==> flow/design.v <==
module cmp #(
   parameter integer WIDTH = 72
) (
   input  wire i_clk,
   input  wire rst_ni,
   input  wire [WIDTH-1:0] i_src1,
   input  wire [WIDTH-1:0] i_src2,
   output wire o_is_lt,
   output wire o_match
);
   reg [WIDTH-1:0] src1_ff;
   reg [WIDTH-1:0] src2_ff;
   reg [WIDTH:0] work_ff;
   reg is_lt_ff;
   assign o_is_lt = is_lt_ff;
   reg match_ff;
   assign o_match = match_ff;
   always @(posedge i_clk) begin
      if (!rst_ni) begin
         src1_ff <= 0;
         src2_ff <= 0;
         work_ff <= 0;
         is_lt_ff <= 1'b0;
         match_ff <= 1'b0;
      end else begin
         src1_ff <= i_src1;
         src2_ff <= i_src2;
         work_ff <= {1'b0, src1_ff} - {1'b0, src2_ff};
         is_lt_ff <= work_ff[WIDTH];
         match_ff <= ~|work_ff[WIDTH-1:0];
      end
   end
endmodule
### Reports on cmp

Tool output for the design above, in the order of the flow.
Lines are those of the file above, counted from 1.
Cell names lack the library's common part.
The mark n/a stands for no value.

| set-up | value |
|---|---|
| top module | cmp |
| clock input | i_clk |
| library | sky130hd |
| library corner | tt_025C_1v80 |

### Word level

Yosys after proc, flatten, opt, wreduce and memory -nomap, before mapping. Enables and synchronous resets that opt folds into registers are not counted as muxes. Memory bits, and registers merged into a memory's read port (data or address), are not among the register bits. Print and check cells are not counted. Equal cells are merged and count once.

| word-level totals | value |
|---|---|
| register bits | 219 |
| latch bits | 0 |
| bits in writable memories | 0 |
| bits in read-only memories | 0 |
| clocked read ports x word width | 0 |
| memories kept | 0 |
| input bits | 146 |
| output and inout port bits | 2 |
| cells after elaboration | 8 |

| cells by class | value |
|---|---|
| add/sub/neg operators | 1 |
| $mul | 0 |
| div/mod/pow operators | 0 |
| magnitude comparators | 0 |
| eq/ne operators | 0 |
| shift operators | 0 |
| multiplexer cells | 0 |
| bitwise gates (word level) | 0 |
| reductions and logical operators | 2 |

Operator list:

| operator | number |
|---|---|
| subtractor 72 x 72 -> 73 bit | 1 |
| OR reduction 72 bit | 1 |
| zero test 1 bit | 1 |

### Depth

Longest topological path by Yosys (ltp), each cell counted once; first at word level (registers and memories cut), then after technology mapping (sequential cells cut; the memories' decode and read muxes count).

| logic depth | value |
|---|---|
| depth after elaboration | 2 |
| ABC_AREA | 0 |
| depth in mapped cells | 12 |
| gate-level depth less buffers | 12 |

### Mapped cells and area

The flow's flattened synthesis, as Yosys stat reports it; memories are mapped. The netlist is that of the ABC_AREA named above (0 if unset); the other value can give another one.
Totals and module areas in this step are rounded.

Cells by type:

| type | number | area in all (um2) |
|---|---|---|
| dfxtp_1 | 219 | 4.38E+03 |
| and2_1 | 150 | 938.4 |
| ha_1 | 72 | 900.864 |
| a21oi_1 | 94 | 470.451 |
| nor2_1 | 108 | 405.389 |
| inv_1 | 99 | 371.606 |
| nand2_1 | 79 | 296.534 |
| xnor2_1 | 31 | 271.51 |
| nand4_1 | 43 | 269.008 |
| o21ai_0 | 49 | 245.235 |
| a21o_1 | 27 | 202.694 |
| xor2_1 | 20 | 175.168 |
| clkbuf_1 | 39 | 146.39 |
| nor3_1 | 27 | 135.13 |
| o21a_1 | 18 | 135.13 |
| nor4_1 | 21 | 131.376 |
| o21bai_1 | 16 | 120.115 |
| o211ai_1 | 12 | 90.086 |

Other cell types: 52; their cells: 154.

| mapped netlist | value |
|---|---|
| standard cells after synthesis | 1,278 |
| mapped area | 10,900 um2 |
| sequential part of the area | 4,380 um2 |
| mapped flip-flops | 219 |
| buffer cells | 60 |

### Worst setup path after synthesis

Source: OpenSTA report_checks on the synthesized netlist (no wires, ideal clock, input and output delay 20% of the period each), path of least setup slack; recovery checks are left aside. Register names are those of the netlist, which keeps one name where synthesis merged equal registers.

| path post-synthesis | value |
|---|---|
| path kind | reg2reg |
| from | reg src1_ff[0] |
| to | reg work_ff[32] |
| period | 3.37 ns |
| library setup time | 0.064 ns |
| launch time at the first pin | 0.000 ns |
| data arrival time | 2.634 ns |
| required time | 3.306 ns |
| path slack | 0.672 ns |
| delay of the path | 2.698 ns |
| stages on the path | 13 |
| buffers on the path | 0 |
| period reached after synthesis | 2.698 ns |

"delay of the path" is the arrival time less input delay plus setup time.
"stages on the path": output pins that drive a net of the path, with the launching flip-flop's if there is one; two outputs of one cell count as two.
"period reached after synthesis" = period - worst setup slack (recovery checks aside). The figure is calculated, with input and output delays left at 20% of the set period.
The rows between start and end are the longest chain of elaborated cells between them; the timing report does not say that the signal goes this way. Where chains are equally long, one stands for them.
Each line given opens the expression or statement behind the cell; cells for indexed reads and writes are added by Yosys, which also makes memories of some case tables.

| on the way, post-synthesis | value |
|---|---|
| cells stage by stage | dfxtp_1 -> inv_1 -> ha_1 -> fa_1 -> and2b_1 -> o211ai_1 -> a211oi_2 -> o2111ai_2 -> a21oi_1 -> nor2_1 -> o31a_1 -> or4_1 -> nand4_1 |
| length of the longest elaborated chain | 1 |
| elaborated cells between the ends (all ways) | 1 |
| RTL lines with such cells | 1 |
| classes of those cells | add/sub: 1 |

RTL lines, path post-synthesis:

| what | line | text |
|---|---|---|
| start: declaration | 11 | `reg [WIDTH-1:0] src1_ff;` |
| start: assignment | 20 | `src1_ff <= 0;` |
| start: assignment | 26 | `src1_ff <= i_src1;` |
| subtractor 72 x 72 -> 73 bit | 28 | `work_ff <= {1'b0, src1_ff} - {1'b0, src2_ff};` |
| end: assignment | 22 | `work_ff <= 0;` |
| end: assignment | 28 |  |
| end: declaration | 13 | `reg [WIDTH:0] work_ff;` |

### Worst path after layout

Path of least setup slack in the final report of stored run 2 (OpenROAD, finished layout, wires in). Where an end is a register, its clock arrival counts in the times.

| path post-layout | value |
|---|---|
| path kind | reg2reg |
| from | reg src1_ff[0] |
| to | reg work_ff[32] |
| period | 3.37 ns |
| library setup time | 0.06 ns |
| launch time at the first pin | 0.51 ns |
| data arrival time | 3.52 ns |
| required time | 3.83 ns |
| path slack | 0.30 ns |
| stages on the path | 13 |
| buffers on the path | 0 |

The rows between start and end are the longest chain of elaborated cells between them; the timing report does not say that the signal goes this way. Where chains are equally long, one stands for them.

| on the way, post-layout | value |
|---|---|
| cells stage by stage | dfxtp_1 -> inv_1 -> ha_1 -> fa_1 -> and2b_1 -> o211ai_1 -> a211oi_2 -> o2111ai_2 -> a21oi_1 -> nor2_1 -> o31a_1 -> or4_1 -> nand4_1 |
| length of the longest elaborated chain | 1 |
| elaborated cells between the ends (all ways) | 1 |
| RTL lines with such cells | 1 |
| classes of those cells | add/sub: 1 |

RTL lines, path post-layout:

| what | line | text |
|---|---|---|
| start: declaration | 11 | `reg [WIDTH-1:0] src1_ff;` |
| start: assignment | 20 | `src1_ff <= 0;` |
| start: assignment | 26 | `src1_ff <= i_src1;` |
| subtractor 72 x 72 -> 73 bit | 28 | `work_ff <= {1'b0, src1_ff} - {1'b0, src2_ff};` |
| end: assignment | 22 | `work_ff <= 0;` |
| end: assignment | 28 |  |
| end: declaration | 13 | `reg [WIDTH:0] work_ff;` |

## Implementation results

Below are 3 stored runs of the flow (Yosys, OpenROAD; platform sky130hd) on cmp, each with its settings and what was measured, unordered. Constraints: input delay and output delay 20% of the set period each, output load 0.01 pF.
"period achieved": clock period set for the run, less the worst setup slack. It is reckoned from that one timing run; input and output delays stay at 20% of the period that was set.
"time used up by the worst setup path" means the part of the period allowed to the worst setup path (the constraints hold back 20% at inputs and 20% at outputs) less its slack; where the path has registers, the arrival times of their clocks count too.
By "total power after layout" is meant OpenSTA's value without simulated activity: inputs other than the clock are taken to toggle once in ten clock periods, and the tool carries that through the logic.
The measured numbers are rounded.
A setting shown as -- is not set for that run.
A result given as -- is not shown for that run.

| run name | period_ns | CORE_UTILIZATION | SETUP_SLACK_MARGIN | PLACE_DENSITY_LB_ADDON | CELL_PAD_IN_SITES_GLOBAL_PLACEMENT | TNS_END_PERCENT | ABC_AREA | CTS_CLUSTER_SIZE | CTS_CLUSTER_DIAMETER | MIN_ROUTING_LAYER | CAP_MARGIN | CORE_MARGIN | SLEW_MARGIN | HOLD_SLACK_MARGIN | CORE_ASPECT_RATIO | GPL_ROUTABILITY_DRIVEN | MAX_ROUTING_LAYER | total power after layout (µW) | worst hold slack in the final report (ns) | time used up by the worst setup path (ns) | worst setup path kind | period achieved (ns) | standard-cell area of the final layout (um2) | chip area after synthesis (Yosys) (um2) | lowest setup slack (ns) | die footprint (um2) |
|---|---|---|---|---|---|---|---|---|---|---|---|---|---|---|---|---|---|---|---|---|---|---|---|---|---|---|
| stored run 1 | 1.9 | 58 | -0.12 | 0.06 | 3 | 30 | 0 | 15 | 292 | met2 | 20 | 2 | 20 | -- | -- | -- | -- | -- | -- | -- | -- | -- | -- | -- | -- | -- |
| stored run 2 | 3.37 | 40 | -- | -- | -- | -- | -- | -- | -- | -- | 20 | 2 | 20 | -- | -- | -- | -- | 6,970 | 0.464 | 3.07 | reg2reg | 3.066 | 13,300 | 10,900 | 0.304 | 28,500 |
| stored run 3 | 2.24 | 69 | -0.13 | -- | 3 | -- | 0 | 36 | 210 | -- | 20 | 2 | 20 | 0.07 | 1.13 | 1 | met4 | -- | -- | -- | -- | -- | -- | -- | -- | -- |

Stored run 1: did not finish, placement stopped with FLW-0024
Stored run 3: did not finish, placement stopped with GPL-0301
